==> flow/design.v <==
module word #(parameter N = 8) (
  input wire clk,
  input wire en,
  input wire [N-1:0] d,
  output reg [N-1:0] q
);
  always @(posedge clk)
    if (en) q <= d;
endmodule
module sync_mem_v2 #(
  parameter NUM_REGS = 6,
  parameter WIDTH = 8,
  parameter NR = 8,
  parameter AWIDTH = $clog2(NUM_REGS)
) (
  input  ck,
  input  rst_i,
  input  in_wr_en,
  input  [AWIDTH-1:0] in_waddr,
  input  [WIDTH-1:0] in_write_data,
  input  [NR*AWIDTH-1:0] in_raddr,
  output [NR*WIDTH-1:0] out_dout
);
  reg wr_en_reg;
  reg [AWIDTH-1:0] waddr_reg;
  reg [WIDTH-1:0] write_data_reg;
  always @(posedge ck or posedge rst_i) begin
    if (rst_i) begin
      wr_en_reg <= 1'b0;
      waddr_reg <= 0;
      write_data_reg <= 0;
    end else begin
      wr_en_reg <= in_wr_en;
      waddr_reg <= in_waddr;
      write_data_reg <= in_write_data;
    end
  end
  wire [NUM_REGS*WIDTH-1:0] regs;
  genvar i;
  generate
    for (i = 0; i < NUM_REGS; i = i + 1) begin : each
      word #(.N(WIDTH)) i_sub (.clk(ck), .en(wr_en_reg && waddr_reg == i), .d(write_data_reg), .q(regs[i*WIDTH +: WIDTH]));
    end
  endgenerate
  reg [NR*AWIDTH-1:0] raddr_reg;
  always @(posedge ck or posedge rst_i) begin
    if (rst_i) begin
      raddr_reg <= 0;
    end else begin
      raddr_reg <= in_raddr;
    end
  end
  wire [NR*WIDTH-1:0] tmp;
  genvar j;
  generate
    for (j = 0; j < NR; j = j + 1) begin : gen
      assign tmp[j*WIDTH +: WIDTH] = regs[raddr_reg[j*AWIDTH +: AWIDTH]*WIDTH +: WIDTH];
    end
  endgenerate
  assign out_dout = tmp;
endmodule
Ticket comment

## Reports on sync_mem_v2

Tool output for the members of one design family, told apart by "NUM_REGS", in the order of the flow.
The RTL above is that of NUM_REGS = 6; lines are counted from 1 in the file of the member named.
Library cell names are shortened.
A cell with n/a has no value.

- Design top: sync_mem_v2
- Clock input: ck
- Standard-cell library: sky130hd
- Corner: tt_025C_1v80

## Source of the members

New or changed lines of each further member against the RTL above, in its own file; lines it lacks are not shown.

New or changed lines:

| NUM_REGS | RTL line | text |
|---|---|---|
| 8 | 11 | `parameter NUM_REGS = 8,` |
| 10 | 11 | `parameter NUM_REGS = 10,` |
| 12 | 11 | `parameter NUM_REGS = 12,` |
| 16 | 11 | `parameter NUM_REGS = 16,` |
| 32 | 11 | `parameter NUM_REGS = 32,` |
| 64 | 11 | `parameter NUM_REGS = 64,` |

## Word-level counts

Yosys after proc, flatten, opt, wreduce and memory -nomap, before mapping. Enables and synchronous resets that opt folds into registers are not counted as muxes. Memory bits, and registers merged into a memory's read port (data or address), are not among the register bits. Print and check cells are not counted. Equal cells are merged and count once.

Bit counts:

| NUM_REGS | flip-flop bits (word level) | latch bits | RAM bits | bits in read-only memories | word width x clocked read ports | memory cells | bits of input ports | elaborated cells |
|---|---|---|---|---|---|---|---|---|
| 6 | 84 | 0 | 0 | 0 | 0 | 0 | 38 | 30 |
| 8 | 100 | 0 | 0 | 0 | 0 | 0 | 38 | 36 |
| 10 | 125 | 0 | 0 | 0 | 0 | 0 | 47 | 42 |
| 12 | 141 | 0 | 0 | 0 | 0 | 0 | 47 | 48 |
| 16 | 173 | 0 | 0 | 0 | 0 | 0 | 47 | 60 |
| 32 | 310 | 0 | 0 | 0 | 0 | 0 | 56 | 108 |
| 64 | 575 | 0 | 0 | 0 | 0 | 0 | 65 | 204 |

Cells by class:

| NUM_REGS | $add $sub $neg | multiply operators | divide/modulo/power cells | $lt $le $gt $ge | equality and inequality tests | shifts and indexed selects | multiplexer cells | bitwise operators | reductions and logical operators |
|---|---|---|---|---|---|---|---|---|---|
| 6 | 0 | 0 | 0 | 0 | 5 | 8 | 0 | 0 | 7 |
| 8 | 0 | 0 | 0 | 0 | 7 | 8 | 0 | 0 | 9 |
| 10 | 0 | 0 | 0 | 0 | 9 | 8 | 0 | 0 | 11 |
| 12 | 0 | 0 | 0 | 0 | 11 | 8 | 0 | 0 | 13 |
| 16 | 0 | 0 | 0 | 0 | 15 | 8 | 0 | 0 | 17 |
| 32 | 0 | 0 | 0 | 0 | 31 | 8 | 0 | 0 | 33 |
| 64 | 0 | 0 | 0 | 0 | 63 | 8 | 0 | 0 | 65 |

Operators with widths:

| NUM_REGS | kinds with counts |
|---|---|
| 6 | 48-bit by 7-bit variable part select with 8-bit output: 8; 1-bit logical AND: 6; 3-bit by 2-bit == test with 1-bit output with constant B: 2; 3-bit == test with constant B: 2; 3-bit by 1-bit == test with 1-bit output with constant B: 1; 3-bit logical NOT: 1 |
| 8 | 64-bit by 7-bit variable part select with 8-bit output: 8; 3-bit == test with constant B: 4; 1-bit logical AND: 8; 3-bit by 2-bit == test with 1-bit output with constant B: 2; 3-bit by 1-bit == test with 1-bit output with constant B: 1; 3-bit logical NOT: 1 |
| 10 | 80-bit by 8-bit variable part select with 8-bit output: 8; 4-bit by 3-bit == test with 1-bit output with constant B: 4; 1-bit logical AND: 10; 4-bit by 2-bit == test with 1-bit output with constant B: 2; 4-bit == test with constant B: 2; 4-bit by 1-bit == test with 1-bit output with constant B: 1; 4-bit logical NOT: 1 |
| 12 | 96-bit by 8-bit variable part select with 8-bit output: 8; 4-bit by 3-bit == test with 1-bit output with constant B: 4; 4-bit == test with constant B: 4; 1-bit logical AND: 12; 4-bit by 2-bit == test with 1-bit output with constant B: 2; 4-bit by 1-bit == test with 1-bit output with constant B: 1; 4-bit logical NOT: 1 |
| 16 | 128-bit by 8-bit variable part select with 8-bit output: 8; 4-bit == test with constant B: 8; 1-bit logical AND: 16; 4-bit by 3-bit == test with 1-bit output with constant B: 4; 4-bit by 2-bit == test with 1-bit output with constant B: 2; 4-bit by 1-bit == test with 1-bit output with constant B: 1; 4-bit logical NOT: 1 |
| 32 | 256-bit by 9-bit variable part select with 8-bit output: 8; 5-bit == test with constant B: 16; 5-bit by 4-bit == test with 1-bit output with constant B: 8; 1-bit logical AND: 32; 5-bit by 3-bit == test with 1-bit output with constant B: 4; 5-bit by 2-bit == test with 1-bit output with constant B: 2; 5-bit by 1-bit == test with 1-bit output with constant B: 1; 5-bit logical NOT: 1 |
| 64 | 512-bit by 10-bit variable part select with 8-bit output: 8; 6-bit == test with constant B: 32; 6-bit by 5-bit == test with 1-bit output with constant B: 16; 1-bit logical AND: 64; 6-bit by 4-bit == test with 1-bit output with constant B: 8; 6-bit by 3-bit == test with 1-bit output with constant B: 4; 6-bit by 2-bit == test with 1-bit output with constant B: 2; 6-bit by 1-bit == test with 1-bit output with constant B: 1; 6-bit logical NOT: 1 |

## Logic depth

Yosys ltp: most cells in a row. Word level: on the elaborated netlist, between registers, memories and ports. Mapped: between sequential cells and ports; inverters and the memories' decode and read muxes count.

Logic depth:

| NUM_REGS | depth after elaboration | ABC_AREA | gate-level depth with buffers | gate-level depth less buffers |
|---|---|---|---|---|
| 6 | 2 | 0 | 5 | 3 |
| 8 | 2 | 0 | 4 | 2 |
| 10 | 2 | 0 | 5 | 3 |
| 12 | 2 | 0 | 5 | 3 |
| 16 | 2 | 0 | 5 | 3 |
| 32 | 2 | 0 | 5 | 3 |
| 64 | 2 | 0 | 10 | 5 |

## After synthesis

Yosys stat after the flow's synthesis: flattened, memories mapped to cells. It holds for the ABC_AREA given above (unset counts as 0); a run with the other value may have another netlist.
The area totals of this step are shown rounded.

Synthesis totals:

| NUM_REGS | cell count | synthesis area (mm^2) | mapped flip-flops |
|---|---|---|---|
| 6 | 526 | 0.00607 | 84 |
| 8 | 346 | 0.0072 | 100 |
| 10 | 710 | 0.00911 | 125 |
| 12 | 776 | 0.0106 | 141 |
| 16 | 757 | 0.0132 | 173 |
| 32 | 1218 | 0.0252 | 310 |
| 64 | 3311 | 0.0506 | 575 |

Cell types:

| NUM_REGS | type and count |
|---|---|
| 6 | mux2i_1: 192; edfxtp_1: 48; dfrtp_1: 36; o32a_1: 64; o21ai_1: 64; buf_12: 8; buf_6: 13; buf_1: 37; buf_2: 19; nand2b_2: 8; nand2b_1: 10; buf_4: 8; clkbuf_4: 5; clkbuf_2: 5; and4b_1: 1; nor3_1: 2; nor2_1: 2; nor3b_1: 1; (+3) |
| 8 | mux4_1: 97; edfxtp_1: 64; dfrtp_1: 36; mux2_2: 64; mux4_2: 31; buf_12: 8; buf_6: 8; buf_2: 8; buf_1: 8; clkbuf_1: 8; nor2_1: 6; nand2b_1: 3; nor3_1: 2; nand2_1: 2; inv_1: 1 |
| 10 | edfxtp_1: 80; dfrtp_1: 45; mux4_2: 40; mux2i_1: 64; mux4_1: 24; o32ai_1: 64; a211oi_1: 64; mux2_1: 40; nor2b_1: 64; o22ai_1: 64; buf_6: 26; mux2_2: 24; buf_2: 24; buf_1: 29; nand2_1: 17; nand2b_1: 10; nor2_1: 15; buf_8: 3; (+13) |
| 12 | edfxtp_1: 96; mux4_2: 122; mux2_2: 128; dfrtp_1: 45; o31ai_1: 55; o22ai_1: 64; nor2_1: 73; nand2_1: 65; buf_6: 17; mux4_1: 6; buf_12: 6; buf_4: 16; clkbuf_1: 20; o32ai_1: 8; nand2b_1: 11; buf_2: 10; nor2b_1: 7; inv_1: 9; (+18) |
| 16 | edfxtp_1: 128; mux4_2: 151; mux4_1: 102; dfrtp_1: 45; a22oi_1: 128; buf_6: 24; nand2_1: 65; clkdlybuf4s25_2: 9; nor2b_1: 13; buf_1: 21; mux4_4: 3; nor2_1: 20; buf_4: 8; and2_1: 8; buf_2: 9; clkbuf_1: 9; and2b_1: 3; nor3_1: 4; (+7) |
| 32 | mux4_2: 640; edfxtp_1: 256; dfrtp_1: 54; mux2_2: 64; buf_4: 48; buf_1: 57; clkbuf_1: 34; nor2_1: 33; buf_6: 8; buf_2: 8; nand3_1: 4; nor2b_1: 3; nand2_1: 4; nand2b_1: 2; nand4_1: 1; or2_2: 1; inv_1: 1 |
| 64 | mux4_2: 981; edfxtp_1: 512; mux2i_1: 201; dfrtp_1: 63; o22ai_1: 129; nor2_1: 172; buf_2: 120; buf_4: 71; mux2_2: 45; nor2b_1: 80; a22oi_1: 60; nand2_1: 113; clkbuf_1: 109; nor3_1: 72; nand3_1: 71; buf_6: 30; mux4_1: 12; o21ai_0: 59; (+411) |

A list marked (+n) leaves out that many cells.
The figures by module come from a second, unflattened synthesis with its own total; it is not the netlist above.

Unflattened totals:

| NUM_REGS | cell total of the unflattened synthesis | area total of the unflattened synthesis (mm^2) |
|---|---|---|
| 6 | 525 | 0.00602 |
| 8 | 346 | 0.00724 |
| 10 | 710 | 0.00913 |
| 12 | 776 | 0.0106 |
| 16 | 757 | 0.0132 |
| 32 | 1218 | 0.0252 |
| 64 | 3142 | 0.0505 |

## Path before layout

OpenSTA on the mapped netlist: ideal clock, no wires. The path of least setup slack (recovery checks aside). Input and output delay are each 20% of the period. Register names are those of the netlist, which keeps one name where synthesis merged equal registers.

Timing after synthesis:

| NUM_REGS | path type | start | end | clock period (ns) | path slack (ns) | driving pins on the path | path delay (ns) | synthesis period reached (ns) |
|---|---|---|---|---|---|---|---|---|
| 6 | register to register | register waddr_reg[2] | register each[2].i_sub.q[0] | 2.01 | 0.402 | 3 | 1.608 | 1.608 |
| 8 | register to output | register raddr_reg[0] | output out_dout[0] | 2.2 | 0.354 | 5 | 1.406 | 1.846 |
| 10 | register to register | register waddr_reg[3] | register each[0].i_sub.q[0] | 2.32 | 0.463 | 3 | 1.857 | 1.857 |
| 12 | register to register | register waddr_reg[3] | register each[0].i_sub.q[0] | 2.32 | 0.463 | 3 | 1.857 | 1.857 |
| 16 | register to output | register raddr_reg[12] | output out_dout[30] | 2.34 | 0.459 | 6 | 1.413 | 1.881 |
| 32 | register to output | register raddr_reg[17] | output out_dout[24] | 3.17 | 0.507 | 6 | 2.029 | 2.663 |
| 64 | register to output | register raddr_reg[6] | output out_dout[8] | 3.09 | 0.493 | 9 | 1.979 | 2.597 |

"path delay" is the arrival time less input delay plus setup time.
At an output port there is no setup time.
"driving pins on the path" counts driving pins, that of a launching flip-flop among them; a cell with two outputs on the path counts twice.
"synthesis period reached" = period - worst setup slack (recovery checks aside). The figure is calculated, with input and output delays left at 20% of the set period.
The rows between start and end are the longest chain of elaborated cells between them; the timing report does not say that the signal goes this way. Where chains are equally long, one stands for them.
Each line given opens the expression or statement behind the cell; cells for indexed reads and writes are added by Yosys, which also makes memories of some case tables.

On the way, after synthesis, NUM_REGS = 6:
- Cells in the longest elaborated chain: 2

Ends and longest elaborated chain, after synthesis, NUM_REGS = 6:

| item | RTL line | text |
|---|---|---|
| start, declared | 25 | `reg [AWIDTH-1:0] waddr_reg;` |
| start, assigned | 30 | `waddr_reg <= 0;` |
| start, assigned | 34 | `waddr_reg <= in_waddr;` |
| 3-bit by 2-bit == test with 1-bit output | 42 | `word #(.N(WIDTH)) i_sub (.clk(ck), .en(wr_en_reg && waddr_reg == i), .d(write_data_reg), .q(regs[i*WIDTH +: WI ...` |
| 1-bit logical AND | 42 |  |
| end, assigned | 8 | `if (en) q <= d;` |
| end, declared | 5 | `output reg [N-1:0] q` |

On the way, after synthesis, NUM_REGS = 64:
- Cells in the longest elaborated chain: 1

Ends and longest elaborated chain, after synthesis, NUM_REGS = 64:

| item | RTL line | text |
|---|---|---|
| start, declared | 45 | `reg [NR*AWIDTH-1:0] raddr_reg;` |
| start, assigned | 48 | `raddr_reg <= 0;` |
| start, assigned | 50 | `raddr_reg <= in_raddr;` |
| 512-bit by 10-bit variable part select with 8-bit output | 57 | `assign tmp[j*WIDTH +: WIDTH] = regs[raddr_reg[j*AWIDTH +: AWIDTH]*WIDTH +: WIDTH];` |
| end, declared | 22 | `output [NR*WIDTH-1:0] out_dout` |

## Timing after layout

From the final timing report of each member's run: the path of least setup slack in the routed layout; clock arrival at registers is part of the times.

Timing post-layout:

| NUM_REGS | path type | start | end | clock period (ns) | path slack (ns) | driving pins on the path | arrival time (ns) | buffers on the path |
|---|---|---|---|---|---|---|---|---|
| 6 | register to output | register raddr_reg[7] | output out_dout[20] | 2.01 | -0.03 | 6 | 1.64 | 2 |
| 8 | register to output | register raddr_reg[21] | output out_dout[58] | 2.2 | -0.18 | 6 | 1.94 | 3 |
| 10 | register to output | register each[0].i_sub.q[1] | output out_dout[57] | 2.32 | -0.35 | 6 | 2.20 | 2 |
| 12 | register to output | register raddr_reg[4] | output out_dout[9] | 2.32 | -0.29 | 8 | 2.15 | 4 |
| 16 | register to output | register raddr_reg[28] | output out_dout[63] | 2.34 | -0.39 | 7 | 2.26 | 3 |
| 32 | register to output | register raddr_reg[15] | output out_dout[24] | 3.17 | -0.42 | 8 | 2.95 | 4 |
| 64 | register to output | register raddr_reg[10] | output out_dout[10] | 3.09 | -1.27 | 11 | 3.74 | 5 |

## Layout results

One run of the flow (Yosys, OpenROAD) for each member, with settings and measured results. Input and output delays are each 20% of the period that was set; the output load is 0.01 pF.

- CAP_MARGIN: 20
- CORE_MARGIN: 2
- CORE_UTILIZATION: 40
- SLEW_MARGIN: 20

Settings by member:

| NUM_REGS | period_ns |
|---|---|
| 6 | 2.01 |
| 8 | 2.2 |
| 10 | 2.32 |
| 12 | 2.32 |
| 16 | 2.34 |
| 32 | 3.17 |
| 64 | 3.09 |

Final reports:

| NUM_REGS | synthesized cell area (mm^2) | die footprint (mm^2) | post-layout utilization (%) | worst setup slack after layout (ns) | setup total negative slack (ns) | reached clock period (ns) |
|---|---|---|---|---|---|---|
| 6 | 0.00607 | 0.0162 | 54.1 | -0.034 | -0.094 | 2.044 |
| 8 | 0.0072 | 0.0191 | 51.9 | -0.177 | -7.82 | 2.377 |
| 10 | 0.00911 | 0.024 | 60.2 | -0.346 | -14.2 | 2.666 |
| 12 | 0.0106 | 0.0278 | 63.9 | -0.294 | -11.8 | 2.614 |
| 16 | 0.0132 | 0.0345 | 55.2 | -0.386 | -19.1 | 2.726 |
| 32 | 0.0252 | 0.0651 | 51.4 | -0.416 | -20.2 | 3.586 |
| 64 | 0.0506 | 0.129 | 59.3 | -1.27 | -49.8 | 4.355 |

"reached clock period" is the run's clock period less its worst setup slack. It is reckoned from that one timing run; input and output delays stay at 20% of the period that was set.
The measured numbers are rounded.
